==> flow/design.v <==
module dp_plus_rtl #(
    parameter DATA_WIDTH = 40
) (
    input wire clk,
    input wire rst_ni,
    input wire [DATA_WIDTH-1:0] i_da,
    input wire [DATA_WIDTH-1:0] i_db,
    input wire i_cin,
    output reg [DATA_WIDTH-1:0] o_total,
    output reg o_ovf
);
    localparam GROUPS = DATA_WIDTH / 4;
    wire [DATA_WIDTH-1:0] tmp;
    wire [GROUPS:0] carry;
    assign carry[0] = i_cin;
    genvar g;
    generate
        for (g = 0; g < GROUPS; g = g + 1) begin : slice
            dp_plus_rtl_nibble el (.a(i_da[4*g +: 4]), .b(i_db[4*g +: 4]), .ci(carry[g]), .s(tmp[4*g +: 4]), .co(carry[g+1]));
        end
    endgenerate
    always @(posedge clk or negedge rst_ni) begin
        if (~rst_ni) begin
            o_total <= 0;
        end else begin
            o_total <= tmp;
        end
    end
    always @(posedge clk or negedge rst_ni) begin
        if (~rst_ni) begin
            o_ovf <= 1'b0;
        end else begin
            o_ovf <= carry[GROUPS];
        end
    end
endmodule
module dp_plus_rtl_nibble (
    input wire [3:0] a,
    input wire [3:0] b,
    input wire ci,
    output wire [3:0] s,
    output wire co
);
    wire [3:0] g = a & b;
    wire [3:0] p = a ^ b;
    wire c1 = g[0] | (p[0] & ci);
    wire c2 = g[1] | (p[1] & g[0]) | (p[1] & p[0] & ci);
    wire c3 = g[2] | (p[2] & g[1]) | (p[2] & p[1] & g[0]) | (p[2] & p[1] & p[0] & ci);
    assign co = g[3] | (p[3] & g[2]) | (p[3] & p[2] & g[1]) | (p[3] & p[2] & p[1] & g[0]) | (&p & ci);
    assign s = p ^ {c3, c2, c1, ci};
endmodule
From RTL to reports: dp_plus_rtl
What the tools print for dp_plus_rtl, step after step.
Lines are those of the file above, counted from 1.
Operators carry their Yosys type and port widths (W data, S select, Z words).
Library cell names are shortened.
The mark - stands for no value.
Design
  design top: dp_plus_rtl
  clock input: clk
  standard-cell library: sky130hd
  timing corner: tt_025C_1v80

Word-level counts
Source: Yosys, flattened and elaborated, memories not mapped. Widths are those after wreduce; folded enables and synchronous resets count as part of the registers. Registers that Yosys merges into a memory's read port (data or address) are not register bits. Print and check cells do not count. Equal cells are merged and count once.
Bit counts
  register bits: 41
  clocked read ports x word width: 0
  bits in writable memories: 0
  bits of input ports: 83
  memories kept: 0
  bits in latches: 0
  cells after elaboration: 292
  output and inout bits: 41
  ROM bits: 0
Cells by class
  reduce/logical cells: 10
  mux-type cells: 0
  $add $sub $neg: 0
  bitwise operators: 280
  divide/modulo/power cells: 0
  shift-type cells: 0
  magnitude comparators: 0
  $mul: 0
  eq/ne operators: 0
Operator list (count)
  $and A1 B1 Y1: 150
  $or A1 B1 Y1: 100
  $xor A4 B4 Y4: 20
  $and A4 B4 Y4: 10
  $reduce_and A4 Y1: 10

Longest topological paths
Depth = most cells in a row (Yosys ltp): at word level without a register or memory, in the mapped netlist without a sequential cell, where the memories' decode and read muxes count.
Depth
  depth in word-level cells: 25
  ABC_AREA: 0
  mapped depth: 11
  depth with buffers taken out: 11

Netlist
Source: synth_stat.txt of the flow (Yosys; design flattened, memories mapped). It holds for the ABC_AREA given above (unset counts as 0); a run with the other value may have another netlist.
Totals and module areas in this step are rounded.
Synthesis totals
  mapped flip-flops: 41
  cells in the netlist: 258
  mapped area: 2758 um^2
  sequential area: 1026 um^2
  buffer cells: 0
Cell types
  dfrtp_1: count 41, area in all 1.03E+03 um^2
  ha_1: count 40, area in all 500.48 um^2
  fa_1: count 10, area in all 200.192 um^2
  xnor2_1: count 14, area in all 122.618 um^2
  xor2_1: count 13, area in all 113.859 um^2
  a21oi_1: count 17, area in all 85.082 um^2
  a21o_1: count 11, area in all 82.579 um^2
  nand2_1: count 15, area in all 56.304 um^2
  nor2_1: count 15, area in all 56.304 um^2
  nand3_1: count 10, area in all 50.048 um^2
  inv_1: count 12, area in all 45.043 um^2
  o21ai_1: count 8, area in all 40.038 um^2
  o21bai_1: count 5, area in all 37.536 um^2
  and4_1: count 4, area in all 35.034 um^2
  nor3_1: count 5, area in all 25.024 um^2
  o21ai_0: count 5, area in all 25.024 um^2
  nor2b_1: count 3, area in all 18.768 um^2
  a211oi_1: count 2, area in all 15.014 um^2
Not listed: further types 25, cells in them 28.
By module: a second synthesis without flattening, with its own total; a netlist apart from the flattened one above.
Unflattened totals
  cells (unflattened synthesis): 211
  area total of the unflattened synthesis: 2502 um^2
Rows give one instance, submodules left out.
By module
  dp_plus_rtl_nibble: cells 17, instances 10, area 147.6 um^2, sequential area 0.0 um^2
  dp_plus_rtl: cells 41, instances 1, area 1026 um^2, sequential area 1026 um^2

Worst setup path after synthesis
Path of least setup slack by OpenSTA after synthesis, without wires, with an ideal clock, recovery checks aside; 20% of the period is set as input and as output delay. Where synthesis merged equal registers, the netlist keeps one of their names.
Timing post-synthesis
  path kind: input-to-reg
  start: in i_da[29]
  end: reg o_total[37]
  setup time: 0.123 ns
  clock period: 3.52 ns
  buffers on the path: 0
  slack: 0.564 ns
  delay of the path: 2.252 ns
  driving pins on the path: 10
  arrival: 2.833 ns
  data required time: 3.397 ns
  external input delay: 0.704 ns
  launch time at the first pin: 0.704 ns
  synthesis period reached: 2.956 ns
"delay of the path" is the arrival time less input delay plus setup time.
"driving pins on the path": output pins that drive a net of the path, with the launching flip-flop's if there is one; two outputs of one cell count as two.
"synthesis period reached" = period - worst setup slack (recovery checks aside). The figure is calculated, with input and output delays left at 20% of the set period.
Between the ends stands the longest chain of elaborated cells between them, by number of cells; it is not shown to be the way that was timed. Of several equally long chains one is given.
Each line given opens the expression or statement behind the cell; cells for indexed reads and writes are added by Yosys, which also makes memories of some case tables.
Between the ends, post-synthesis
  cell sequence: ha_1 -> a21o_1 -> a21o_1 -> a221o_1 -> a22oi_1 -> nand2_1 -> a31oi_1 -> o21bai_1 -> fa_1 -> xor2_1
  length of the longest elaborated chain: 10
  elaborated cells on any way between the ends: 15
  source lines of those cells: 5
  classes of those cells: logic: 14; reduce/logical: 1
Ends and longest elaborated chain, post-synthesis
  start, declared: RTL line 6  | input wire [DATA_WIDTH-1:0] i_da,
  $and A4 B4 Y4: RTL line 44  | wire [3:0] g = a & b;
  $and A1 B1 Y1: RTL line 49  | assign co = g[3] | (p[3] & g[2]) | (p[3] & p[2] & g[1]) | (p[3] & p[2] & p[1] & g[0]) | (&p & ci);
  $or A1 B1 Y1 (3 in a row): RTL line 49
  $and A1 B1 Y1: RTL line 49
  $or A1 B1 Y1: RTL line 49
  $and A1 B1 Y1: RTL line 46  | wire c1 = g[0] | (p[0] & ci);
  $or A1 B1 Y1: RTL line 46
  $xor A4 B4 Y4: RTL line 50  | assign s = p ^ {c3, c2, c1, ci};
  end, assigned: RTL line 24  | o_total <= 0;
  end, assigned: RTL line 26  | o_total <= tmp;
  end, declared: RTL line 9  | output reg [DATA_WIDTH-1:0] o_total,

Worst path after layout
From the final timing report of record 1: the path of least setup slack in the routed layout; clock arrival at registers is part of the times.
Timing post-layout
  path kind: input-to-reg
  start: in i_da[0]
  end: reg o_total[25]
  arrival: 3.38 ns
  buffers on the path: 1
  slack: 0.33 ns
  external input delay: 0.70 ns
  clock period: 3.52 ns
  setup time: 0.11 ns
  data required time: 3.70 ns
  driving pins on the path: 12
  launch time at the first pin: 0.70 ns
Between the ends stands the longest chain of elaborated cells between them, by number of cells; it is not shown to be the way that was timed. Of several equally long chains one is given.
Between the ends, post-layout
  cell sequence: clkdlybuf4s50_1 -> ha_1 -> a211oi_2 -> nor4_1 -> nor2_2 -> o21ai_2 -> nand2b_1 -> nand3_1 -> a31o_2 -> a21o_1 -> fa_1 -> xor2_1
  length of the longest elaborated chain: 17
  elaborated cells on any way between the ends: 20
  source lines of those cells: 5
  classes of those cells: logic: 19; reduce/logical: 1
Ends and longest elaborated chain, post-layout
  start, declared: RTL line 6  | input wire [DATA_WIDTH-1:0] i_da,
  $and A4 B4 Y4: RTL line 44  | wire [3:0] g = a & b;
  $and A1 B1 Y1: RTL line 49  | assign co = g[3] | (p[3] & g[2]) | (p[3] & p[2] & g[1]) | (p[3] & p[2] & p[1] & g[0]) | (&p & ci);
  $or A1 B1 Y1 (2 in a row): RTL line 49
  $and A1 B1 Y1: RTL line 49
  $or A1 B1 Y1: RTL line 49
  $and A1 B1 Y1: RTL line 49
  $or A1 B1 Y1: RTL line 49
  [... 2 more ...]
  $and A1 B1 Y1: RTL line 49
  $or A1 B1 Y1: RTL line 49
  $and A1 B1 Y1: RTL line 49
  $or A1 B1 Y1: RTL line 49
  $and A1 B1 Y1: RTL line 46  | wire c1 = g[0] | (p[0] & ci);
  $or A1 B1 Y1: RTL line 46
  $xor A4 B4 Y4: RTL line 50  | assign s = p ^ {c3, c2, c1, ci};
  end, assigned: RTL line 24  | o_total <= 0;
  end, assigned: RTL line 26  | o_total <= tmp;
  end, declared: RTL line 9  | output reg [DATA_WIDTH-1:0] o_total,

Below are 3 stored runs of the flow (Yosys, OpenROAD; platform sky130hd) on dp_plus_rtl, each with its settings and what was measured, unordered. Constraints: input delay and output delay 20% of the set period each, output load 0.01 pF.
Measured values are rounded.

Record 1
==> flow/run.sh <==
#!/bin/bash
# the make line also repeats the synthesis and layout settings of config.mk as NAME=value (left out here)
make -C /OpenROAD-flow-scripts/flow DESIGN_CONFIG=/design/flow/config.mk WORK_HOME=/design/flow/orfs CLKGATE_MAP_FILE= finish
==> flow/config.mk <==
export PLATFORM = sky130hd
export DESIGN_NAME = dp_plus_rtl
export DESIGN_NICKNAME = dp_plus_rtl
export VERILOG_FILES = /design/flow/design.v
export SDC_FILE = /design/flow/constraint.sdc
export NUM_CORES = 4
export LEC_CHECK = 0
export CAP_MARGIN = 20
export CORE_MARGIN = 2
export CORE_UTILIZATION = 40
export SLEW_MARGIN = 20
==> flow/constraint.sdc <==
create_clock -name core_clock -period 3.52 [get_ports {clk}]
set_input_delay 0.7040 -clock core_clock [delete_from_list [all_inputs] [get_ports {clk}]]
set_output_delay 0.7040 -clock core_clock [all_outputs]
set_load 0.01 [all_outputs]

==> results of record 1 <==
chip area after synthesis (Yosys): 2758 um^2
die area: 7574 um^2
utilization: 0.638
worst setup slack after layout: 0.328 ns

Record 2
==> flow/run.sh <==
#!/bin/bash
# the make line also repeats the synthesis and layout settings of config.mk as NAME=value (left out here)
make -C /OpenROAD-flow-scripts/flow DESIGN_CONFIG=/design/flow/config.mk WORK_HOME=/design/flow/orfs CLKGATE_MAP_FILE= finish
==> flow/config.mk <==
export PLATFORM = sky130hd
export DESIGN_NAME = dp_plus_rtl
export DESIGN_NICKNAME = dp_plus_rtl
export VERILOG_FILES = /design/flow/design.v
export SDC_FILE = /design/flow/constraint.sdc
export NUM_CORES = 4
export LEC_CHECK = 0
export CAP_MARGIN = 20
export CORE_MARGIN = 9
export CORE_UTILIZATION = 37
export CTS_CLUSTER_DIAMETER = 237
export CTS_CLUSTER_SIZE = 43
export MAX_ROUTING_LAYER = met5
export PLACE_DENSITY = 0.75
export SETUP_SLACK_MARGIN = 0.55
export SLEW_MARGIN = 20
export TNS_END_PERCENT = 20
==> flow/constraint.sdc <==
create_clock -name core_clock -period 3.37 [get_ports {clk}]
set_input_delay 0.6740 -clock core_clock [delete_from_list [all_inputs] [get_ports {clk}]]
set_output_delay 0.6740 -clock core_clock [all_outputs]
set_load 0.01 [all_outputs]

==> results of record 2 <==
chip area after synthesis (Yosys): 2758 um^2
die area: 10880 um^2
utilization: 0.711
worst setup slack after layout: 0.554 ns

Record 3
==> flow/run.sh <==
#!/bin/bash
# the make line also repeats the synthesis and layout settings of config.mk as NAME=value (left out here)
make -C /OpenROAD-flow-scripts/flow DESIGN_CONFIG=/design/flow/config.mk WORK_HOME=/design/flow/orfs CLKGATE_MAP_FILE= finish
==> flow/config.mk <==
export PLATFORM = sky130hd
export DESIGN_NAME = dp_plus_rtl
export DESIGN_NICKNAME = dp_plus_rtl
export VERILOG_FILES = /design/flow/design.v
export SDC_FILE = /design/flow/constraint.sdc
export NUM_CORES = 4
export LEC_CHECK = 0
export CAP_MARGIN = 40
export CORE_ASPECT_RATIO = 0.63
export CORE_MARGIN = 2
export CORE_UTILIZATION = 39
export CTS_CLUSTER_DIAMETER = 288
export CTS_CLUSTER_SIZE = 80
export MIN_ROUTING_LAYER = met2
export PLACE_DENSITY_LB_ADDON = 0.19
export SETUP_SLACK_MARGIN = 0.17
export SLEW_MARGIN = 35
==> flow/constraint.sdc <==
create_clock -name core_clock -period 4.51 [get_ports {clk}]
set_input_delay 0.9020 -clock core_clock [delete_from_list [all_inputs] [get_ports {clk}]]
set_output_delay 0.9020 -clock core_clock [all_outputs]
set_load 0.01 [all_outputs]

==> results of record 3 <==
chip area after synthesis (Yosys): 2758 um^2
die area: 7778 um^2
utilization: 0.613
worst setup slack after layout: 0.720 ns
